==> flow/design.v <==
module u_ram_block_mod #(
  parameter integer WORDS = 24,
  parameter integer DW = 16,
  parameter integer AWIDTH = $clog2(WORDS),
  parameter integer SLICES = DW / 8
) (
  input  wire CLK,
  input  wire reset,
  input  wire [SLICES-1:0] wstrb,
  input  wire [AWIDTH-1:0] wr_idx,
  input  wire [DW-1:0] d,
  input  wire [AWIDTH-1:0] rsel,
  output wire [DW-1:0] dout
);
  reg [DW-1:0] ram [0:WORDS-1];
  integer i;
  always @(posedge CLK) begin
    for (i = 0; i < SLICES; i = i + 1)
      if (wstrb[i]) ram[wr_idx][8*i +: 8] <= d[8*i +: 8];
  end
  reg [DW-1:0] dout_d1;
  assign dout = dout_d1;
  always @(posedge CLK or posedge reset) begin
    if (reset) begin
      dout_d1 <= 0;
    end else begin
      dout_d1 <= ram[rsel];
    end
  end
endmodule
Appendix: tool output

Reports on u_ram_block_mod:

Module u_ram_block_mod in several versions that differ in "DW"; each step lists the members.
The RTL above is that of DW=16; lines are counted from 1 in the file of the member named.
Operators: Yosys type, input widths -> output width; for muxes data width and select width s.
Library cell names are shortened.
Not given: -

* top: u_ram_block_mod
* clock: CLK
* standard-cell library: sky130hd
* library corner: tt_025C_1v80

Members of the sweep:

New or changed lines of each further member against the RTL above, in its own file; lines it lacks are not shown.

Lines new or changed
* DW 24: line 3 `parameter integer DW = 24,`
* DW 32: line 3 `parameter integer DW = 32,`
* DW 48: line 3 `parameter integer DW = 48,`

Word-level counts:

Counts by Yosys on the flattened word-level netlist (proc, flatten, opt, wreduce; memories kept). Register bits leave out memories and registers merged into their read ports (data or address); mux counts leave out enables and synchronous resets folded into registers. Print and check cells are left out. Cells with the same type and inputs are merged into one.
Memory sizes are those after Yosys's memory passes, which may raise the word count (mostly to a power of two), join words into wider ones and drop unused or constant bits.

Word-level totals
* DW 16: cells after elaboration 5, memories kept 1, clocked read ports x word width 16, output and inout bits 16, input bits 30, memory bits (writable) 384, flip-flop bits (word level) 0
* DW 24: cells after elaboration 7, memories kept 1, clocked read ports x word width 24, output and inout bits 24, input bits 39, memory bits (writable) 576, flip-flop bits (word level) 0
* DW 32: cells after elaboration 9, memories kept 1, clocked read ports x word width 32, output and inout bits 32, input bits 48, memory bits (writable) 768, flip-flop bits (word level) 0
* DW 48: cells after elaboration 13, memories kept 1, clocked read ports x word width 48, output and inout bits 48, input bits 66, memory bits (writable) 1152, flip-flop bits (word level) 0

Memories (shape (words x width / read and write ports))
* DW 16: ram 24x16 r1 w1
* DW 24: ram 24x24 r1 w1
* DW 32: ram 24x32 r1 w1
* DW 48: ram 24x48 r1 w1

Cells by class (mux-type cells)
* DW 16: 4
* DW 24: 6
* DW 32: 8
* DW 48: 12

Operators by type and width (kinds with counts)
* DW 16: 2 x $mux 16; 2 x $mux 1
* DW 24: 3 x $mux 24; 3 x $mux 1
* DW 32: 4 x $mux 32; 4 x $mux 1
* DW 48: 6 x $mux 48; 6 x $mux 1

Longest topological paths:

Yosys ltp: most cells in a row. Word level: on the elaborated netlist, between registers, memories and ports. Mapped: between sequential cells and ports; inverters and the memories' decode and read muxes count.

Logic depth
* DW 16: depth in word-level cells 1, ABC_AREA 0, depth in mapped cells 7, depth with buffers taken out 4
* DW 24: depth in word-level cells 1, ABC_AREA 0, depth in mapped cells 8, depth with buffers taken out 4
* DW 32: depth in word-level cells 1, ABC_AREA 0, depth in mapped cells 8, depth with buffers taken out 4
* DW 48: depth in word-level cells 1, ABC_AREA 0, depth in mapped cells 9, depth with buffers taken out 4

Synthesis result:

Source: synth_stat.txt of the flow (Yosys; design flattened, memories mapped). It holds for the ABC_AREA given above (unset counts as 0); a run with the other value may have another netlist.
Totals and module areas in this step are rounded.

Synthesis totals
* DW 16: cells in the netlist 756, cell area after synthesis 15000 um2, sequential part of the area 12000 um2, flip-flops 400
* DW 24: cells in the netlist 1143, cell area after synthesis 23000 um2, sequential part of the area 18000 um2, flip-flops 600
* DW 32: cells in the netlist 1649, cell area after synthesis 31000 um2, sequential part of the area 24000 um2, flip-flops 800
* DW 48: cells in the netlist 2459, cell area after synthesis 47000 um2, sequential part of the area 36000 um2, flip-flops 1200

Cells by type (types with counts)
* DW 16: 384 x edfxtp_1; 64 x mux4_2; 80 x mux2i_1; 16 x dfrtp_1; 50 x nor2_1; 16 x a2bb2oi_1; 10 x o211ai_2; 16 x a22oi_1; 11 x o311ai_1; 18 x nand3_1; 20 x nand2_1; 14 x buf_2; 9 x buf_4; 16 x clkbuf_1; 6 x o211ai_1; 5 x o311ai_0; 2 x buf_12; 4 x nand3b_1; [+15]
* DW 24: 576 x edfxtp_1; 96 x mux4_2; 120 x mux2i_1; 24 x dfrtp_1; 71 x and2_1; 24 x a2bb2oi_1; 24 x o311ai_1; 17 x buf_6; 24 x a22oi_1; 24 x o211ai_1; 24 x nand3_1; 27 x clkbuf_1; 26 x nand2_1; 25 x nor2_1; 14 x buf_2; 9 x buf_4; 3 x and3_1; 3 x nor2b_1; [+12]
* DW 32: 768 x edfxtp_1; 234 x mux2i_1; 75 x mux4_2; 32 x dfrtp_1; 97 x and2_1; 74 x a22oi_1; 98 x nand2_1; 32 x mux2_2; 53 x nand3_1; 32 x nand4_1; 47 x clkbuf_1; 15 x buf_6; 26 x nor2_1; 11 x a221oi_1; 9 x buf_4; 12 x buf_2; 3 x buf_8; 7 x o21ai_0; [+24]
* DW 48: 1152 x edfxtp_1; 358 x mux2i_1; 109 x mux4_2; 48 x dfrtp_1; 145 x and2_1; 118 x a22oi_1; 146 x nand2_1; 48 x mux2_2; 83 x nand3_1; 48 x nand4_1; 69 x clkbuf_1; 17 x buf_6; 22 x buf_4; 13 x a221oi_1; 27 x nor2_1; 3 x buf_12; 10 x buf_2; 13 x buf_1; [+30]

A list marked [+n] leaves out that many cells.

Path before layout:

Path of least setup slack by OpenSTA after synthesis, without wires, with an ideal clock, recovery checks aside; 20% of the period is set as input and as output delay. Where synthesis merged equal registers, the netlist keeps one of their names.

Timing after synthesis
* DW 16: path kind input to register, start input port wr_idx[3], end memory ram[18][0], driving pins on the path 3, period 2.17 ns, path slack 0.344 ns, delay of the path 1.392 ns, synthesis period reached 1.826 ns
* DW 24: path kind input to register, start input port wr_idx[3], end memory ram[17][0], driving pins on the path 3, period 1.96 ns, path slack 0.316 ns, delay of the path 1.252 ns, synthesis period reached 1.644 ns
* DW 32: path kind input to register, start input port rsel[2], end register dout_d1[24], driving pins on the path 7, period 2.12 ns, path slack 0.343 ns, delay of the path 1.354 ns, synthesis period reached 1.777 ns
* DW 48: path kind input to register, start input port rsel[0], end register dout_d1[32], driving pins on the path 7, period 2.22 ns, path slack 0.353 ns, delay of the path 1.423 ns, synthesis period reached 1.867 ns

"delay of the path" is the arrival time less input delay plus setup time.
"driving pins on the path": output pins that drive a net of the path, with the launching flip-flop's if there is one; two outputs of one cell count as two.
"synthesis period reached" is the clock period less the worst setup slack; recovery checks do not enter. This is arithmetic on one report: input and output delays are still those of the set period (20% each).

RTL lines, path after synthesis, DW=16
* start: declaration: line 10 `input  wire [AWIDTH-1:0] wr_idx,`
* end: declaration: line 15 `reg [DW-1:0] ram [0:WORDS-1];`

DW=16: No chain of elaborated cells between the ends is given.

RTL lines, path after synthesis, DW=48
* start: declaration: line 12 `input  wire [AWIDTH-1:0] rsel,`
* end: declaration: line 21 `reg [DW-1:0] dout_d1;`

DW=48: No chain of elaborated cells between the ends is given.

Timing after layout:

From the final timing report of the run of each member: the path of least setup slack in the routed layout; clock arrival at registers is part of the times.

Timing post-layout
* DW 16: path kind register to output, start register dout_d1[3], end output port dout[3], period 2.17 ns, data arrival time 1.43 ns, driving pins on the path 2, path slack 0.30 ns, path buffers 1
* DW 24: path kind input to register, start input port wr_idx[4], end memory ram[16][22], period 1.96 ns, data arrival time 2.21 ns, driving pins on the path 5, path slack 0.07 ns, path buffers 2
* DW 32: path kind register to output, start register dout_d1[15], end output port dout[15], period 2.12 ns, data arrival time 1.56 ns, driving pins on the path 2, path slack 0.13 ns, path buffers 1
* DW 48: path kind register to output, start register dout_d1[41], end output port dout[41], period 2.22 ns, data arrival time 1.70 ns, driving pins on the path 2, path slack 0.08 ns, path buffers 1

Layout results:

Settings and results of one run of the flow (Yosys, OpenROAD) for each member follow. The constraints put input and output delay at 20% of the set period each and load the outputs with 0.01 pF.

* CAP_MARGIN: 20
* CORE_MARGIN: 2
* CORE_UTILIZATION: 40
* SLEW_MARGIN: 20

Settings by member (period_ns)
* DW 16: 2.17
* DW 24: 1.96
* DW 32: 2.12
* DW 48: 2.22

Measured results
* DW 16: clock period reached 1.867 ns, worst setup slack after layout 0.30 ns, standard-cell area of the final layout 18000 um2, total power after layout 16000 uW, post-synthesis cell area 15000 um2, full die area 40000 um2, total negative slack 0.000 ns, final design utilization 48%
* DW 24: clock period reached 1.888 ns, worst setup slack after layout 0.072 ns, standard-cell area of the final layout 29000 um2, total power after layout 27000 uW, post-synthesis cell area 23000 um2, full die area 60000 um2, total negative slack 0.000 ns, final design utilization 50%
* DW 32: clock period reached 1.987 ns, worst setup slack after layout 0.13 ns, standard-cell area of the final layout 39000 um2, total power after layout 33000 uW, post-synthesis cell area 31000 um2, full die area 80000 um2, total negative slack 0.000 ns, final design utilization 50%
* DW 48: clock period reached 2.143 ns, worst setup slack after layout 0.077 ns, standard-cell area of the final layout 58000 um2, total power after layout 48000 uW, post-synthesis cell area 47000 um2, full die area 120000 um2, total negative slack 0.000 ns, final design utilization 50%

"clock period reached" = clock period - worst setup slack. The figure is calculated, with input and output delays left at 20% of the set period.
By "total power after layout" is meant OpenSTA's value without simulated activity: inputs other than the clock are taken to toggle once in ten clock periods, and the tool carries that through the logic.
The results are shown rounded.
